==> flow/design.v <==
module full_adder (
    input wire a,
    input wire b,
    input wire ci,
    output wire s,
    output wire co
);
    assign {co, s} = a + b + ci;
endmodule
module sync_add_core_rtl #(
    parameter DW = 32
) (
    input  ck,
    input  [DW-1:0] u,
    input  [DW-1:0] v,
    input  cy_in,
    output reg [DW-1:0] result,
    output reg ovf
);
    wire [DW-1:0] val;
    wire [DW:0] cy;
    assign cy[0] = cy_in;
    genvar i;
    generate
        for (i = 0; i < DW; i = i + 1) begin : stage
            full_adder u0 (.a(u[i]), .b(v[i]), .ci(cy[i]), .s(val[i]), .co(cy[i+1]));
        end
    endgenerate
    always @(posedge ck) begin
        result <= val;
        ovf <= cy[DW];
    end
endmodule
### Step by step through the tools: sync_add_core_rtl

What the tools print for sync_add_core_rtl, step after step.
Lines are those of the file above, counted from 1.
Operators carry their Yosys type and port widths (W data, S select, Z words).
Cell names lack the library's common part.
A cell with n/a has no value.

* top: sync_add_core_rtl
* clock input: ck
* cell library: sky130hd
* corner: tt_025C_1v80

### Word level

Yosys after proc, flatten, opt, wreduce and memory -nomap, before mapping. Enables and synchronous resets that opt folds into registers are not counted as muxes. Memory bits, and registers merged into a memory's read port (data or address), are not among the register bits. Print and check cells are not counted. Equal cells are merged and count once.

* input bits: 66
* output and inout port bits: 33
* flip-flop bits (word level): 33

* add/sub/neg operators: 64

Operator list (number)
* $add A1 B1 Y2: 32
* $add A2 B1 Y2: 32

### Logic depth

Depth = most cells in a row (Yosys ltp): at word level without a register or memory, in the mapped netlist without a sequential cell, where the memories' decode and read muxes count.

* word-level depth: 33
* ABC_AREA: 0
* gate-level depth with buffers: 36

### Mapped cells and area

The flow's flattened synthesis, as Yosys stat reports it; memories are mapped. The netlist is that of the ABC_AREA named above (0 if unset); the other value can give another one.

Cells by type
* dfxtp_1: number 33, area in all 660.634 sq um
* fa_1: number 32, area in all 640.614 sq um
* inv_1: number 10, area in all 37.536 sq um

* area of sequential cells: 0.0006606 sq mm
* buffer cells: 0
* flip-flops: 33
* mapped area: 0.0013388 sq mm
* cell count: 75

By module: a second synthesis without flattening, with its own total; a netlist apart from the flattened one above.

* cell total of the unflattened synthesis: 65
* area (unflattened synthesis): 0.0013012 sq mm

Each row is one instance without its submodules.

By module
* sync_add_core_rtl: times used 1, seq. area 0.0006606 sq mm, area 0.0006606 sq mm, cells 33
* full_adder: times used 32, seq. area 0 sq mm, area 0.00002 sq mm, cells 1

### Timing after synthesis

OpenSTA on the mapped netlist: ideal clock, no wires. The path of least setup slack (recovery checks aside). Input and output delay are each 20% of the period. Register names are those of the netlist, which keeps one name where synthesis merged equal registers.

* kind: input to register
* start: input port u[0]
* end: register result[31]
* required time: 18.943 ns
* delay of the path: 12.181 ns
* driving pins on the path: 36
* clock period: 19.0 ns
* data arrival time: 15.924 ns
* slack: 3.019 ns
* period reached after synthesis: 15.981 ns

"delay of the path" = arrival - input delay + setup time.
"driving pins on the path" counts driving pins, that of a launching flip-flop among them; a cell with two outputs on the path counts twice.
"period reached after synthesis" is the clock period less the worst setup slack; recovery checks do not enter. This is arithmetic on one report: input and output delays are still those of the set period (20% each).
Between the ends stands the longest chain of elaborated cells between them, by number of cells; it is not shown to be the way that was timed. Of several equally long chains one is given.
Each line given opens the expression or statement behind the cell; cells for indexed reads and writes are added by Yosys, which also makes memories of some case tables.

* cells stage by stage: inv_1 fa_1 inv_1 fa_1 fa_1 fa_1 fa_1 fa_1 fa_1 fa_1 fa_1 fa_1 fa_1 fa_1 fa_1 fa_1 fa_1 fa_1 fa_1 fa_1 fa_1 fa_1 fa_1 fa_1 fa_1 fa_1 fa_1 fa_1 fa_1 fa_1 fa_1 fa_1 fa_1 inv_1 fa_1 inv_1
* cells in the longest elaborated chain: 33

Ends and longest elaborated chain, after synthesis
* start: declaration: line 14 `input  [DW-1:0] u,`
* $add A1 B1 Y2: line 8 `assign {co, s} = a + b + ci;`
* $add A2 B1 Y2 x32: line 8
* end: assignment: line 30 `result <= val;`
* end: declaration: line 17 `output reg [DW-1:0] result,`

### Path in the finished layout

From the final timing report of run 1: the path of least setup slack in the routed layout; clock arrival at registers is part of the times.

* kind: input to register
* start: input port u[0]
* end: register result[31]
* driving pins on the path: 37
* clock period: 19.0 ns
* required time: 19.27 ns
* data arrival time: 16.69 ns
* slack: 2.58 ns

Between the ends stands the longest chain of elaborated cells between them, by number of cells; it is not shown to be the way that was timed. Of several equally long chains one is given.

* cells stage by stage: clkdlybuf4s50_1 inv_1 fa_1 inv_1 fa_1 fa_1 fa_1 fa_1 fa_1 fa_1 fa_1 fa_1 fa_1 fa_1 fa_1 fa_1 fa_1 fa_1 fa_1 fa_1 fa_1 fa_1 fa_1 fa_1 fa_1 fa_1 fa_1 fa_1 fa_1 fa_1 fa_1 fa_1 fa_1 fa_1 inv_1 fa_1 inv_1
* cells in the longest elaborated chain: 33

Ends and longest elaborated chain, post-layout
* start: declaration: line 14 `input  [DW-1:0] u,`
* $add A1 B1 Y2: line 8 `assign {co, s} = a + b + ci;`
* $add A2 B1 Y2 x32: line 8
* end: assignment: line 30 `result <= val;`
* end: declaration: line 17 `output reg [DW-1:0] result,`

Top module sync_add_core_rtl; platform sky130hd; tools Yosys and OpenROAD; 3 stored runs in no particular order. Input and output delays are each 20% of the period that was set; the output load is 0.01 pF.
"worst path time" is the time allowed to the run's worst setup path (the clock period less input and output delay, where it has them) less its slack. Clock arrival times count: a late capture clock shortens it, a late launch clock lengthens it.

### Run 1

==> flow/run.sh <==
#!/bin/bash
# the make line also repeats the synthesis and layout settings of config.mk as NAME=value (left out here)
make -C /OpenROAD-flow-scripts/flow DESIGN_CONFIG=/design/flow/config.mk WORK_HOME=/design/flow/orfs CLKGATE_MAP_FILE= finish
==> flow/config.mk <==
export PLATFORM = sky130hd
export DESIGN_NAME = sync_add_core_rtl
export DESIGN_NICKNAME = sync_add_core_rtl
export VERILOG_FILES = /design/flow/design.v
export SDC_FILE = /design/flow/constraint.sdc
export NUM_CORES = 4
export LEC_CHECK = 0
export CAP_MARGIN = 20
export CORE_MARGIN = 2
export CORE_UTILIZATION = 40
export SLEW_MARGIN = 20
==> flow/constraint.sdc <==
create_clock -name core_clock -period 19.0 [get_ports {ck}]
set_input_delay 3.8000 -clock core_clock [delete_from_list [all_inputs] [get_ports {ck}]]
set_output_delay 3.8000 -clock core_clock [all_outputs]
set_load 0.01 [all_outputs]

Results of run 1:
- Setup slack of the critical path: 2.583 ns
- Standard-cell area after layout: 0.0024198 sq mm
- Worst path time: 12.62 ns
- Worst path kind: input to register
- Netlist area reported by Yosys: 0.0013388 sq mm
- Die area: 0.0038254 sq mm
- Sum of negative setup slack: 0.000 ns

### Run 2

==> flow/run.sh <==
#!/bin/bash
# the make line also repeats the synthesis and layout settings of config.mk as NAME=value (left out here)
make -C /OpenROAD-flow-scripts/flow DESIGN_CONFIG=/design/flow/config.mk WORK_HOME=/design/flow/orfs CLKGATE_MAP_FILE= finish
==> flow/config.mk <==
export PLATFORM = sky130hd
export DESIGN_NAME = sync_add_core_rtl
export DESIGN_NICKNAME = sync_add_core_rtl
export VERILOG_FILES = /design/flow/design.v
export SDC_FILE = /design/flow/constraint.sdc
export NUM_CORES = 4
export LEC_CHECK = 0
export CAP_MARGIN = 20
export CELL_PAD_IN_SITES_DETAIL_PLACEMENT = 1
export CORE_ASPECT_RATIO = 1.42
export CORE_MARGIN = 4
export CORE_UTILIZATION = 70
export CTS_CLUSTER_SIZE = 59
export GPL_ROUTABILITY_DRIVEN = 1
export HOLD_SLACK_MARGIN = 0.24
export MAX_ROUTING_LAYER = met5
export PLACE_DENSITY = 0.39
export SLEW_MARGIN = 20
==> flow/constraint.sdc <==
create_clock -name core_clock -period 9.37 [get_ports {ck}]
set_input_delay 1.8740 -clock core_clock [delete_from_list [all_inputs] [get_ports {ck}]]
set_output_delay 1.8740 -clock core_clock [all_outputs]
set_load 0.01 [all_outputs]

Outcome of run 2: incomplete, placement halted on GPL-0301

### Run 3

==> flow/run.sh <==
#!/bin/bash
# the make line also repeats the synthesis and layout settings of config.mk as NAME=value (left out here)
make -C /OpenROAD-flow-scripts/flow DESIGN_CONFIG=/design/flow/config.mk WORK_HOME=/design/flow/orfs CLKGATE_MAP_FILE= finish
==> flow/config.mk <==
export PLATFORM = sky130hd
export DESIGN_NAME = sync_add_core_rtl
export DESIGN_NICKNAME = sync_add_core_rtl
export VERILOG_FILES = /design/flow/design.v
export SDC_FILE = /design/flow/constraint.sdc
export NUM_CORES = 4
export LEC_CHECK = 0
export CAP_MARGIN = 20
export CELL_PAD_IN_SITES_DETAIL_PLACEMENT = 2
export CORE_ASPECT_RATIO = 0.83
export CORE_MARGIN = 3
export CORE_UTILIZATION = 52
export CTS_CLUSTER_SIZE = 47
export GPL_TIMING_DRIVEN = 1
export MAX_ROUTING_LAYER = met5
export MIN_ROUTING_LAYER = met1
export PLACE_DENSITY_LB_ADDON = 0.0
export SETUP_SLACK_MARGIN = -1.17
export SLEW_MARGIN = 35
export TNS_END_PERCENT = 35
==> flow/constraint.sdc <==
create_clock -name core_clock -period 24.7 [get_ports {ck}]
set_input_delay 4.9400 -clock core_clock [delete_from_list [all_inputs] [get_ports {ck}]]
set_output_delay 4.9400 -clock core_clock [all_outputs]
set_load 0.01 [all_outputs]

Outcome of run 3: incomplete, placement halted on FLW-0024
